==> flow/design.v <==
module u_arith_blk #(
    parameter BITS = 32
) (
    input wire aclk,
    input wire signed [BITS-1:0] src1,
    input wire signed [BITS-1:0] src2,
    input wire sub,
    output reg [BITS-1:0] q,
    output reg co
);
    reg signed [BITS-1:0] src1_r;
    reg signed [BITS-1:0] src2_r;
    reg sub_r;
    always @(posedge aclk) begin
        src1_r <= src1;
        src2_r <= src2;
        sub_r <= sub;
    end
    wire [BITS-1:0] t2 = src2_r ^ {BITS{sub_r}};
    wire [BITS-1:0] nxt = $unsigned(src1_r) + t2 + sub_r;
    always @(posedge aclk) begin
        q <= nxt[BITS-1:0];
        co <= (src1_r[BITS-1] == t2[BITS-1]) && (nxt[BITS-1] != src1_r[BITS-1]);
    end
endmodule
==> Reports on u_arith_blk <==
The steps from the RTL of u_arith_blk to its reports follow in flow order.
Line numbers count from 1 in the design file above.
Library cell names are shortened.
{ "setup": {"design": "u_arith_blk", "clk_port": "aclk", "lib": "sky130hd", "lib_corner": "tt_025C_1v80"} }

==> After elaboration <==
Yosys after proc, flatten, opt, wreduce and memory -nomap, before mapping. Enables and synchronous resets that opt folds into registers are not counted as muxes. Memory bits, and registers merged into a memory's read port (data or address), are not among the register bits. Print and check cells are not counted. Equal cells are merged and count once.
{ "op_classes": {"n_addsub": 2, "n_mul": 0, "div_mod_pow": 0, "n_cmp": 0, "equal": 2, "shift": 0, "muxes": 0, "n_logic": 1, "reduce_and_logical": 1} }
{ "op_table": {"columns": ["op", "n"], "rows": [
  ["adder 32 x 1 -> 32 bit", 1],
  ["adder 32 bit", 1],
  ["bitwise XOR 32 bit", 1],
  ["== test 1 bit", 1],
  ["!= test 1 bit", 1],
  ["logical AND 1 bit", 1]
]} }
{ "bits": {"regBits": 98, "latch_bits": 0, "ramBits": 0, "romBits": 0, "clocked_rd_ports_x_width": 0, "n_memories": 0, "input_bits": 66} }

==> Logic depth <==
Yosys ltp: most cells in a row. Word level: on the elaborated netlist, between registers, memories and ports. Mapped: between sequential cells and ports; inverters and the memories' decode and read muxes count.
{ "logic_depth": {"word_depth": 5, "abc_area": 0, "depth_mapped": 12, "ltp_nobuf": 10} }

==> Netlist <==
Source: synth_stat.txt of the flow (Yosys; design flattened, memories mapped). It holds for the ABC_AREA given above (unset counts as 0); a run with the other value may have another netlist.
{ "mapped": {"mapped_cells": 397, "synth_area_um2": 4117.7, "ffs": 98, "buffers": 17} }
{ "types": {"columns": ["cell_type", "n", "type_area_um2"], "rows": [
  ["dfxtp_1", 98, 1.96E+03],
  ["ha_1", 30, 375.36],
  ["xor2_1", 38, 332.819],
  ["xnor2_1", 21, 183.926],
  ["a21oi_1", 34, 170.163],
  ["a21o_1", 12, 90.086],
  ["o21a_1", 12, 90.086],
  ["o21ai_0", 17, 85.082],
  ["nand2_1", 18, 67.565],
  ["nor2_1", 16, 60.058],
  ["buf_2", 11, 55.053],
  ["nand3_1", 10, 50.048],
  ["a31oi_1", 7, 43.792],
  ["inv_1", 10, 37.536],
  ["nand4_1", 6, 37.536],
  ["a211oi_1", 4, 30.029],
  ["a2111oi_4", 1, 27.526],
  ["o211ai_1", 3, 22.522]
]} }
Other cell types: 32; their cells: 49.

==> Path before layout <==
OpenSTA on the mapped netlist: ideal clock, no wires. The path of least setup slack (recovery checks aside). Input and output delay are each 20% of the period. Register names are those of the netlist, which keeps one name where synthesis merged equal registers.
{ "synth_timing": {"path_kind": "reg-to-reg", "start": "register sub_r", "end": "register q[28]", "tclk_ns": 3.69, "t_first_pin_ns": 0.000, "arrival_ns": 2.817, "required_time_ns": 3.554, "slack_ns": 0.737, "path_delay_ns": 2.953, "driving_pins": 12, "synth_period_reached_ns": 2.953} }
"path_delay_ns" = arrival - input delay + setup time.
"driving_pins" counts driving pins, that of a launching flip-flop among them; a cell with two outputs on the path counts twice.
"synth_period_reached_ns" is the clock period less the worst setup slack; recovery checks do not enter. This is arithmetic on one report: input and output delays are still those of the set period (20% each).
Between the ends stands the longest chain of elaborated cells between them, by number of cells; it is not shown to be the way that was timed. Of several equally long chains one is given.
Each line given opens the expression or statement behind the cell; cells for indexed reads and writes are added by Yosys, which also makes memories of some case tables.
{ "synth_between": {"cell_sequence": "dfxtp_1 > buf_2 > clkbuf_1 > xor2_1 > ha_1 > nor2b_4 > o31a_1 > o31a_4 > a31o_4 > a2111oi_4 > o41ai_1 > xor2_1", "elab_chain_len": 3} }
{ "synth_rtl": {"columns": ["element", "line_no", "source"], "rows": [
  ["start: declaration", 13, "reg sub_r;"],
  ["start: assignment", 17, "sub_r <= sub;"],
  ["bitwise XOR 32 bit", 19, "wire [BITS-1:0] t2 = src2_r ^ {BITS{sub_r}};"],
  ["adder 32 bit", 20, "wire [BITS-1:0] nxt = $unsigned(src1_r) + t2 + sub_r;"],
  ["adder 32 x 1 -> 32 bit", 20, null],
  ["end: assignment", 22, "q <= nxt[BITS-1:0];"],
  ["end: declaration", 8, "output reg [BITS-1:0] q,"]
]} }

==> Timing after layout <==
From the final timing report of job 1: the path of least setup slack in the routed layout; clock arrival at registers is part of the times.
{ "layout_timing": {"path_kind": "reg-to-reg", "start": "register sub_r", "end": "register q[30]", "tclk_ns": 3.69, "t_first_pin_ns": 0.35, "arrival_ns": 3.36, "required_time_ns": 3.93, "slack_ns": 0.57, "driving_pins": 12} }
Between the ends stands the longest chain of elaborated cells between them, by number of cells; it is not shown to be the way that was timed. Of several equally long chains one is given.
{ "layout_between": {"cell_sequence": "dfxtp_2 > buf_12 > xor2_1 > inv_1 > fa_1 > nor2b_4 > o31a_1 > o31a_4 > a2111oi_2 > o31ai_1 > a31oi_1 > xnor2_1", "elab_chain_len": 3} }
{ "layout_rtl": {"columns": ["element", "line_no", "source"], "rows": [
  ["start: declaration", 13, "reg sub_r;"],
  ["start: assignment", 17, "sub_r <= sub;"],
  ["bitwise XOR 32 bit", 19, "wire [BITS-1:0] t2 = src2_r ^ {BITS{sub_r}};"],
  ["adder 32 bit", 20, "wire [BITS-1:0] nxt = $unsigned(src1_r) + t2 + sub_r;"],
  ["adder 32 x 1 -> 32 bit", 20, null],
  ["end: assignment", 22, "q <= nxt[BITS-1:0];"],
  ["end: declaration", 8, "output reg [BITS-1:0] q,"]
]} }

Measured results for u_arith_blk: 3 stored runs of the Yosys and OpenROAD flow on sky130hd. The settings differ; the order carries no meaning. The constraints put input and output delay at 20% of the set period each and load the outputs with 0.01 pF.
By "worst path time" is meant the share of the clock period that the worst setup path is allowed (20% is reserved at inputs, 20% at outputs), minus its slack. Clock arrival times at its registers enter into it.
"power consumption" is the tool's figure for a default switching activity; nothing was simulated.

==> job 1: settings <==
{ "period_ns": 3.69, "CAP_MARGIN": 20, "CORE_MARGIN": 2, "CORE_UTILIZATION": 40, "SLEW_MARGIN": 20 }
==> job 1: results <==
worst-case hold slack: 0.468 ns
power consumption: 2.783 mW
worst path time: 3.12 ns
kind of the worst setup path: reg-to-reg
overall die area: 11,121.8 um^2
final utilization: 53.1 %
cell area after synthesis: 4,117.7 um^2
total negative setup slack: 0.000 ns
worst slack on setup checks: 0.567 ns

==> job 2: settings <==
{ "period_ns": 4.41, "CORE_UTILIZATION": 47, "SETUP_SLACK_MARGIN": 0.91, "PLACE_DENSITY_LB_ADDON": 0.24, "GPL_ROUTABILITY_DRIVEN": 0, "CTS_CLUSTER_DIAMETER": 60, "SLEW_MARGIN": 20, "MIN_ROUTING_LAYER": "met2", "CAP_MARGIN": 20, "CORE_MARGIN": 2 }
==> job 2: results <==
cell area after synthesis: 4,117.7 um^2
total negative setup slack: 0.000 ns
overall die area: 9,525.8 um^2
power consumption: 2.421 mW
worst slack on setup checks: 1.430 ns
worst-case hold slack: 0.454 ns
worst path time: 2.98 ns
kind of the worst setup path: reg-to-reg
final utilization: 62.4 %

==> job 3: settings <==
{ "period_ns": 2.21, "CORE_UTILIZATION": 15, "SETUP_SLACK_MARGIN": 0.49, "PLACE_DENSITY_LB_ADDON": 0.19, "TNS_END_PERCENT": 45, "GPL_TIMING_DRIVEN": 0, "CTS_CLUSTER_DIAMETER": 350, "CAP_MARGIN": 20, "CORE_MARGIN": 2, "SLEW_MARGIN": 20 }
==> job 3: results <==
worst-case hold slack: 0.488 ns
overall die area: 28,793.0 um^2
power consumption: 5.741 mW
total negative setup slack: -11.157 ns
worst path time: 2.88 ns
kind of the worst setup path: reg-to-reg
worst slack on setup checks: -0.669 ns
cell area after synthesis: 4,117.7 um^2
final utilization: 25.4 %
